==> flow/design.v <==
module scratch_mod #(
   parameter int D = 4,
   parameter int DATA_W = 10,
   parameter int ABITS = $clog2(D)
) (
   input logic CLK,
   input logic RSTN,
   input logic wen_i,
   input logic [ABITS-1:0] wa_i,
   input logic [DATA_W-1:0] wdata_i,
   input logic [ABITS-1:0] ra0_i,
   input logic [ABITS-1:0] ra1_i,
   output logic [DATA_W-1:0] q0_o,
   output logic [DATA_W-1:0] q1_o
);
   logic r_wen;
   logic [ABITS-1:0] r_wa;
   logic [DATA_W-1:0] r_wdata;
   always_ff @(posedge CLK or negedge RSTN) begin
      if (!RSTN) begin
         r_wen <= 1'b0;
         r_wa <= '0;
         r_wdata <= '0;
      end else begin
         r_wen <= wen_i;
         r_wa <= wa_i;
         r_wdata <= wdata_i;
      end
   end
   logic [DATA_W-1:0] ram [D-1:0];
   always_ff @(posedge CLK or negedge RSTN) begin
      if (!RSTN) begin
         for (int t = 0; t < D; t++)
            ram[t] <= '0;
      end else if (r_wen) begin
         ram[r_wa] <= r_wdata;
      end
   end
   logic [ABITS-1:0] r_ra0;
   logic [ABITS-1:0] r_ra1;
   logic [DATA_W-1:0] r_q0;
   always_ff @(posedge CLK or negedge RSTN) begin
      if (!RSTN) begin
         r_ra0 <= '0;
         r_ra1 <= '0;
         r_q0 <= '0;
      end else begin
         r_ra0 <= ra0_i;
         r_ra1 <= ra1_i;
         r_q0 <= ram[r_ra0];
      end
   end
   assign q0_o = r_q0;
   logic [DATA_W-1:0] r_q1;
   always_ff @(posedge CLK or negedge RSTN) begin
      if (!RSTN) begin
         r_q1 <= '0;
      end else begin
         r_q1 <= ram[r_ra1];
      end
   end
   assign q1_o = r_q1;
endmodule
Memo
Re: synthesis data of scratch_mod

* Reports on scratch_mod
Tool output for the members of one design family, told apart by "D", in the order of the flow. The file above is the member D = 4. Line numbers count from 1 in each member's own file. Cell names lack the library's common part. The mark n/a stands for no value.
Set-up: design top scratch_mod, clock input CLK, library sky130hd, timing corner tt_025C_1v80

* Members of the sweep
Lines of each other member's file that are new or changed against the file above; lines that a member lacks are not shown.
New or changed lines:
- D 10 | RTL line 2 | parameter int D = 10,
- D 48 | RTL line 2 | parameter int D = 48,
- D 96 | RTL line 2 | parameter int D = 96,

* After elaboration
Counts by Yosys on the flattened word-level netlist (proc, flatten, opt, wreduce). Print and check cells are left out. Cells with the same type and inputs are merged into one.
Storage and ports:
- D 4 | flip-flop bits (word level) 77, bits in latches 0, RAM bits 0, bits in read-only memories 0, clocked read ports x word width 0, memories kept 0, output and inout bits 20, elaborated cells 29
- D 10 | flip-flop bits (word level) 143, bits in latches 0, RAM bits 0, bits in read-only memories 0, clocked read ports x word width 0, memories kept 0, output and inout bits 20, elaborated cells 59
- D 48 | flip-flop bits (word level) 529, bits in latches 0, RAM bits 0, bits in read-only memories 0, clocked read ports x word width 0, memories kept 0, output and inout bits 20, elaborated cells 249
- D 96 | flip-flop bits (word level) 1012, bits in latches 0, RAM bits 0, bits in read-only memories 0, clocked read ports x word width 0, memories kept 0, output and inout bits 20, elaborated cells 489
Operators by class:
- D 4 | $add $sub $neg 0, $mul 0, div/mod/pow operators 0, magnitude comparators 0, equal/unequal tests 9, shifts and indexed selects 0, mux-type cells 2, bitwise logic cells 0, reduce/logical cells 7
- D 10 | $add $sub $neg 0, $mul 0, div/mod/pow operators 0, magnitude comparators 0, equal/unequal tests 27, shifts and indexed selects 0, mux-type cells 2, bitwise logic cells 0, reduce/logical cells 13
- D 48 | $add $sub $neg 0, $mul 0, div/mod/pow operators 0, magnitude comparators 0, equal/unequal tests 141, shifts and indexed selects 0, mux-type cells 2, bitwise logic cells 0, reduce/logical cells 51
- D 96 | $add $sub $neg 0, $mul 0, div/mod/pow operators 0, magnitude comparators 0, equal/unequal tests 285, shifts and indexed selects 0, mux-type cells 2, bitwise logic cells 0, reduce/logical cells 99
Operator list (kind and count):
- D 4 | 2 x 10-bit case mux with 4-bit select; 6 x 2-bit == test (second input constant); 4 x 2-bit AND reduction; 3 x 2-bit by 1-bit == test with 1-bit output (second input constant); 3 x 2-bit zero test
- D 10 | 2 x 10-bit case mux with 10-bit select; 12 x 4-bit by 3-bit == test with 1-bit output (second input constant); 6 x 4-bit by 2-bit == test with 1-bit output (second input constant); 6 x 4-bit == test (second input constant); 10 x 2-bit AND reduction; 3 x 4-bit by 1-bit == test with 1-bit output (second input constant); 3 x 4-bit zero test
- D 48 | 2 x 10-bit case mux with 48-bit select; 48 x 6-bit by 5-bit == test with 1-bit output (second input constant); 48 x 6-bit == test (second input constant); 24 x 6-bit by 4-bit == test with 1-bit output (second input constant); 48 x 2-bit AND reduction; 12 x 6-bit by 3-bit == test with 1-bit output (second input constant); 6 x 6-bit by 2-bit == test with 1-bit output (second input constant); 3 x 6-bit by 1-bit == test with 1-bit output (second input constant); 3 x 6-bit zero test
- D 96 | 2 x 10-bit case mux with 96-bit select; 96 x 7-bit by 6-bit == test with 1-bit output (second input constant); 96 x 7-bit == test (second input constant); 48 x 7-bit by 5-bit == test with 1-bit output (second input constant); 96 x 2-bit AND reduction; 24 x 7-bit by 4-bit == test with 1-bit output (second input constant); 12 x 7-bit by 3-bit == test with 1-bit output (second input constant); 6 x 7-bit by 2-bit == test with 1-bit output (second input constant); 3 x 7-bit by 1-bit == test with 1-bit output (second input constant); 3 x 7-bit zero test

* Longest topological paths
Longest topological path by Yosys (ltp), each cell counted once; first at word level (registers and memories cut), then after technology mapping (sequential cells cut; the memories' decode and read muxes count).
Depth:
- D 4 | word-level depth 2, ABC_AREA 0, mapped depth 3, gate-level depth less buffers 2
- D 10 | word-level depth 2, ABC_AREA 0, mapped depth 7, gate-level depth less buffers 5
- D 48 | word-level depth 2, ABC_AREA 0, mapped depth 10, gate-level depth less buffers 6
- D 96 | word-level depth 2, ABC_AREA 0, mapped depth 12, gate-level depth less buffers 7

* After synthesis
The flow's flattened synthesis, as Yosys stat reports it; memories are mapped. The netlist is that of the ABC_AREA named above (0 if unset); the other value can give another one.
Synthesis totals:
- D 4 | cell count 148, mapped area 3006.6 sq um, area of sequential cells 1926.8 sq um, flip-flop cells 77, buffer cells 7
- D 10 | cell count 598, mapped area 6941.7 sq um, area of sequential cells 3578.4 sq um, flip-flop cells 143, buffer cells 48
- D 48 | cell count 2234, mapped area 26326.5 sq um, area of sequential cells 13237.7 sq um, flip-flop cells 529, buffer cells 146
- D 96 | cell count 4428, mapped area 51703.3 sq um, area of sequential cells 25324.3 sq um, flip-flop cells 1012, buffer cells 422
Cell types (types with counts):
- D 4 | 77 x dfrtp_1; 20 x mux4_2; 20 x mux2_4; 20 x mux2_2; 5 x buf_6; 2 x nand3b_1; 1 x nor3b_2; 2 x clkbuf_2; 1 x nand3_2
- D 10 | 143 x dfrtp_1; 108 x mux2_2; 45 x a21oi_1; 17 x mux2i_1; 35 x nor2_1; 25 x buf_2; 24 x o21ai_0; 17 x nor2b_1; 12 x a221oi_1; 12 x a22oi_1; 18 x nand2_1; 6 x a32oi_1; 6 x o22a_1; 8 x and3_1; 5 x o32a_1; 12 x buf_1; 7 x nand2b_1; 4 x a32o_1; [+94]
- D 48 | 529 x dfrtp_1; 499 x mux2_2; 295 x a22oi_1; 58 x mux2i_1; 107 x nor3_1; 122 x nand2_1; 115 x clkbuf_1; 98 x nor2_1; 51 x nand4_1; 27 x a22o_1; 22 x a32oi_1; 25 x nor4_1; 23 x a31oi_1; 23 x a21oi_1; 21 x nand3_1; 21 x o21ai_0; 16 x nand2b_1; 11 x a221oi_1; [+171]
- D 96 | 1012 x dfrtp_1; 989 x mux2_2; 367 x a22oi_1; 150 x a32oi_1; 256 x nand3_1; 245 x clkbuf_1; 74 x a22o_1; 100 x nand4_1; 58 x a222oi_1; 116 x buf_2; 150 x nand2_1; 147 x nor2_1; 84 x o22ai_1; 54 x a221oi_1; 62 x a31oi_1; 65 x a21oi_1; 50 x nor4_1; 24 x mux2i_1; [+425]
A list marked [+n] leaves out that many cells.

* Worst setup path after synthesis
Path of least setup slack by OpenSTA after synthesis, without wires, with an ideal clock, recovery checks aside; 20% of the period is set as input and as output delay. Where synthesis merged equal registers, the netlist keeps one of their names.
Timing path post-synthesis:
- D 4 | kind reg2reg, from reg r_wa[1], to reg ram[0][0], period 1.48 ns, path slack 0.294 ns, driving pins on the path 4, path delay 1.186 ns, period reached after synthesis 1.186 ns
- D 10 | kind reg2reg, from reg r_ra0[2], to reg r_q0[7], period 1.94 ns, path slack 0.387 ns, driving pins on the path 8, path delay 1.553 ns, period reached after synthesis 1.553 ns
- D 48 | kind reg2reg, from reg r_ra1[5], to reg r_q1[6], period 3.05 ns, path slack 0.606 ns, driving pins on the path 9, path delay 2.444 ns, period reached after synthesis 2.444 ns
- D 96 | kind reg2reg, from reg r_ra1[4], to reg r_q1[0], period 3.08 ns, path slack 0.615 ns, driving pins on the path 11, path delay 2.465 ns, period reached after synthesis 2.465 ns
"path delay" is the arrival time less input delay plus setup time. "driving pins on the path": output pins that drive a net of the path, with the launching flip-flop's if there is one; two outputs of one cell count as two. "period reached after synthesis" = period - worst setup slack (recovery checks aside). The figure is calculated, with input and output delays left at 20% of the set period. The rows between start and end are the longest chain of elaborated cells between them; the timing report does not say that the signal goes this way. Where chains are equally long, one stands for them. Each line given opens the expression or statement behind the cell; cells for indexed reads and writes are added by Yosys, which also makes memories of some case tables.
Between the ends, post-synthesis, D = 4: cells in the longest elaborated chain 2
Ends and longest elaborated chain, post-synthesis, D = 4:
- start: declaration | RTL line 17 | logic [ABITS-1:0] r_wa;
- start: assignment | RTL line 22 | r_wa <= '0;
- start: assignment | RTL line 26 | r_wa <= wa_i;
- 2-bit zero test | RTL line 36 | ram[r_wa] <= r_wdata;
- 2-bit AND reduction
- end: assignment | RTL line 34 | ram[t] <= '0;
- end: assignment | RTL line 36
- end: declaration | RTL line 30 | logic [DATA_W-1:0] ram [D-1:0];
Between the ends, post-synthesis, D = 96: cells in the longest elaborated chain 2
Ends and longest elaborated chain, post-synthesis, D = 96:
- start: declaration | RTL line 40 | logic [ABITS-1:0] r_ra1;
- start: assignment | RTL line 45 | r_ra1 <= '0;
- start: assignment | RTL line 49 | r_ra1 <= ra1_i;
- 7-bit == test | RTL line 59 | r_q1 <= ram[r_ra1];
- 10-bit case mux with 96-bit select | RTL line 59
- end: assignment | RTL line 57 | r_q1 <= '0;
- end: assignment | RTL line 59
- end: declaration | RTL line 54 | logic [DATA_W-1:0] r_q1;

* Worst path after layout
From the final timing report of each member's run: the path of least setup slack in the routed layout; clock arrival at registers is part of the times.
Timing path post-layout:
- D 4 | kind reg2reg, from reg r_wa[1], to reg ram[0][9], period 1.48 ns, path slack 0.18 ns, driving pins on the path 4, arrival time 1.53 ns, buffers on the path 1
- D 10 | kind reg2reg, from reg r_ra0[2], to reg r_q0[8], period 1.94 ns, path slack 0.12 ns, driving pins on the path 7, arrival time 2.13 ns, buffers on the path 2
- D 48 | kind reg2reg, from reg r_ra0[0], to reg r_q0[5], period 3.05 ns, path slack -0.22 ns, driving pins on the path 8, arrival time 3.75 ns, buffers on the path 2
- D 96 | kind reg2reg, from reg r_ra1[0], to reg r_q1[4], period 3.08 ns, path slack -0.12 ns, driving pins on the path 13, arrival time 3.84 ns, buffers on the path 6

* Layout results
Settings and results of one run of the flow (Yosys, OpenROAD) for each member follow. The constraints put input and output delay at 20% of the set period each and load the outputs with 0.01 pF.
Flow settings: CAP_MARGIN 20, CORE_MARGIN 2, CORE_UTILIZATION 40, SLEW_MARGIN 20
Settings by member (period_ns):
- D 4 | 1.48
- D 10 | 1.94
- D 48 | 3.05
- D 96 | 3.08
Final reports:
- D 4 | synthesized cell area 3006.6 sq um, area inside the die boundary 8226.5 sq um, area of the standard cells in the finished layout 3772.4 sq um, utilization in the final report 0.52, smallest setup slack 0.177 ns, total negative slack 0.000 ns, worst hold slack in the final report 0.381 ns, total power after layout 5344 µW, reached clock period 1.303 ns
- D 10 | synthesized cell area 6941.7 sq um, area inside the die boundary 18424.0 sq um, area of the standard cells in the finished layout 8521.9 sq um, utilization in the final report 0.498, smallest setup slack 0.120 ns, total negative slack 0.000 ns, worst hold slack in the final report 0.397 ns, total power after layout 9161 µW, reached clock period 1.820 ns
- D 48 | synthesized cell area 26326.5 sq um, area inside the die boundary 67883.7 sq um, area of the standard cells in the finished layout 32311.0 sq um, utilization in the final report 0.493, smallest setup slack -0.224 ns, total negative slack -0.224 ns, worst hold slack in the final report 0.383 ns, total power after layout 18900 µW, reached clock period 3.274 ns
- D 96 | synthesized cell area 51703.3 sq um, area inside the die boundary 132150.0 sq um, area of the standard cells in the finished layout 65539.1 sq um, utilization in the final report 0.513, smallest setup slack -0.122 ns, total negative slack -0.549 ns, worst hold slack in the final report 0.221 ns, total power after layout 35747 µW, reached clock period 3.202 ns
By "reached clock period" is meant the clock period of the run minus its worst setup slack. This is arithmetic on one report: input and output delays are still those of the set period (20% each). By "total power after layout" is meant OpenSTA's value without simulated activity: inputs other than the clock are taken to toggle once in ten clock periods, and the tool carries that through the logic.
